==> flow/design.v <==
module core_barrel_p (clock, src, count, q);
    parameter DATA_W = 10;
    localparam SEL_W = $clog2(DATA_W);
    input clock;
    input [DATA_W-1:0] src;
    input [SEL_W-1:0] count;
    output [DATA_W-1:0] q;
    reg [DATA_W-1:0] src_s;
    reg [SEL_W-1:0] count_s;
    always @(posedge clock) begin
        src_s <= src;
        count_s <= count;
    end
    wire [2*DATA_W-1:0] nxt;
    assign nxt = {src_s, src_s} >> count_s;
    assign q = nxt[DATA_W-1:0];
endmodule
-- Reports on core_barrel_p
The steps from the RTL of core_barrel_p to its reports follow in flow order.
Line numbers count from 1 in the design file above.
Operators carry their Yosys type and port widths (W data, S select, Z words).
Library cell names are shortened.
A cell with -- has no value.
- top module: core_barrel_p
- clock port: clock
- cell library: sky130hd
- library corner: tt_025C_1v80

-- After elaboration
Source: Yosys, flattened and elaborated, memories not mapped. Widths are those after wreduce; folded enables and synchronous resets count as part of the registers. Registers that Yosys merges into a memory's read port (data or address) are not register bits. Print and check cells do not count. Equal cells are merged and count once.
- noted elaborated cells: 3
- noted memory bits (writable): 0
- input bits: 15
- bits in latches: 0
- output and inout port bits at 10
- memories at 0
- clocked read ports x word width at 0
- bits in registers at 14
- noted memory bits (read-only): 0
- shift-type cells: 1
- bitwise operators: 0
- divide/modulo/power cells at 0
- equality and inequality tests at 0
- muxes and demuxes at 0
- noted magnitude comparators: 0
- noted $add $sub $neg: 0
- noted multiply operators: 0
- reductions and logical operators at 0
- operators with widths (kind ; number):
    $shr A20 B4 Y10 ; 1

-- Logic depth
Yosys ltp: most cells in a row. Word level: on the elaborated netlist, between registers, memories and ports. Mapped: between sequential cells and ports; inverters and the memories' decode and read muxes count.
- word-level depth at 1
- noted ABC_AREA: 0
- mapped depth: 6
- mapped depth without buffers: 4

-- After synthesis
Yosys stat after the flow's synthesis: flattened, memories mapped to cells. It holds for the ABC_AREA given above (unset counts as 0); a run with the other value may have another netlist.
Totals and module areas in this step are rounded.
- flip-flops at 14
- noted mapped area: 0.000965 mm²
- cells in the netlist at 85
- cell types (cell ; number ; total area (µm²)):
    dfxtp_1 ; 14 ; 280.269
    mux2i_1 ; 22 ; 220.211
    mux4_2 ; 6 ; 135.13
    mux4_1 ; 4 ; 105.101
    mux2_2 ; 3 ; 33.782
    a21oi_1 ; 4 ; 20.019
    buf_2 ; 4 ; 20.019
    nand2_1 ; 5 ; 18.768
    nor2_1 ; 5 ; 18.768
    o211ai_1 ; 2 ; 15.014
    o21ai_0 ; 3 ; 15.014
    nand2b_1 ; 2 ; 12.512
    o22ai_1 ; 2 ; 12.512
    buf_6 ; 1 ; 11.261
    a211oi_1 ; 1 ; 7.507
    a21o_1 ; 1 ; 7.507
    buf_1 ; 2 ; 7.507
    nand3b_1 ; 1 ; 7.507
Not listed: further types 3, cells in them 3.

-- Timing after synthesis
Source: OpenSTA report_checks on the synthesized netlist (no wires, ideal clock, input and output delay 20% of the period each), path of least setup slack; recovery checks are left aside. Register names are those of the netlist, which keeps one name where synthesis merged equal registers.
- path type: register to output
- start: register count_s[0]
- end: output q[3]
- noted stages: 5
- path delay: 1528 ps
- setup slack at 384 ps
- output delay at 478 ps
- noted arrival time: 1528 ps
- path buffers: 2
- period at 2390 ps
- noted time at the first pin: 0 ps
- period reached after synthesis at 2006 ps
"path delay" is the arrival time less input delay plus setup time.
A path that ends at an output port has no setup time.
"stages": output pins that drive a net of the path, with the launching flip-flop's if there is one; two outputs of one cell count as two.
"period reached after synthesis" is the clock period less the worst setup slack; recovery checks do not enter. This is arithmetic on one report: input and output delays are still those of the set period (20% each).
The rows between start and end are the longest chain of elaborated cells between them; the timing report does not say that the signal goes this way. Where chains are equally long, one stands for them.
Each line given opens the expression or statement behind the cell; cells for indexed reads and writes are added by Yosys, which also makes memories of some case tables.
- cells stage by stage: dfxtp_1 > buf_6 > buf_2 > mux4_2 > mux4_2
- cells in the longest elaborated chain at 1
- noted elaborated cells between the ends (all ways): 1
- source lines of those cells at 1
- RTL lines, path post-synthesis (element ; RTL line ; text):
    start, declared ; 9 ; reg [SEL_W-1:0] count_s;
    start, assigned ; 12 ; count_s <= count;
    $shr A20 B4 Y10 ; 15 ; assign nxt = {src_s, src_s} >> count_s;
    end, declared ; 7 ; output [DATA_W-1:0] q;

-- Path in the finished layout
Path of least setup slack in the final report of record 1 (OpenROAD, finished layout, wires in). Where an end is a register, its clock arrival counts in the times.
The report prints the path's times to 10 ps; the period is as set.
- path type: register to output
- start: register count_s[0]
- end: output q[3]
- path buffers: 3
- noted arrival time: 2320 ps
- noted time at the first pin: 240 ps
- output delay at 670 ps
- setup slack at 350 ps
- noted stages: 6
- period at 3340 ps
The rows between start and end are the longest chain of elaborated cells between them; the timing report does not say that the signal goes this way. Where chains are equally long, one stands for them.
- cells stage by stage: dfxtp_1 > buf_6 > buf_2 > mux4_2 > mux4_2 > clkdlybuf4s50_1
- cells in the longest elaborated chain at 1
- noted elaborated cells between the ends (all ways): 1
- source lines of those cells at 1
- RTL lines, path after layout (element ; RTL line ; text):
    start, declared ; 9 ; reg [SEL_W-1:0] count_s;
    start, assigned ; 12 ; count_s <= count;
    $shr A20 B4 Y10 ; 15 ; assign nxt = {src_s, src_s} >> count_s;
    end, declared ; 7 ; output [DATA_W-1:0] q;

Wiki page: core_barrel_p / flow data

Design core_barrel_p on sky130hd. What follows are 3 stored runs of the flow, each under its own settings; their order means nothing. The constraints put input and output delay at 20% of the set period each and load the outputs with 0.01 pF.
"overall power" is the tool's figure for a default switching activity; nothing was simulated.
The measured numbers are rounded.

Record 1
Settings were period_ns = 3.34; CORE_UTILIZATION = 23; PLACE_DENSITY = 0.84; CORE_ASPECT_RATIO = 1.39; CELL_PAD_IN_SITES_DETAIL_PLACEMENT = 0; TNS_END_PERCENT = 90; GPL_TIMING_DRIVEN = 0; GPL_ROUTABILITY_DRIVEN = 0; CAP_MARGIN = 40; MIN_ROUTING_LAYER = met1; CORE_MARGIN = 2; SLEW_MARGIN = 20
- setup slack of the critical path: 353 ps
- chip area in the Yosys report: 0.000965 mm²
- noted the total die area: 0.00474 mm²
- noted the utilization: 32.6 %
- noted the overall power: 0.463 mW

Record 2
Settings were period_ns = 2.39; CAP_MARGIN = 20; CORE_MARGIN = 2; CORE_UTILIZATION = 40; SLEW_MARGIN = 20
- setup slack of the critical path: 3 ps
- chip area in the Yosys report: 0.000965 mm²
- noted the total die area: 0.00282 mm²
- noted the utilization: 62.5 %
- noted the overall power: 0.663 mW

Record 3
Settings were period_ns = 2.54; CORE_UTILIZATION = 72; SETUP_SLACK_MARGIN = 0.28; PLACE_DENSITY_LB_ADDON = 0.21; HOLD_SLACK_MARGIN = 0.29; TNS_END_PERCENT = 95; GPL_TIMING_DRIVEN = 1; CAP_MARGIN = 35; SLEW_MARGIN = 10; MIN_ROUTING_LAYER = met1; MAX_ROUTING_LAYER = met5; CORE_MARGIN = 2
- incomplete, placement halted on FLW-0024
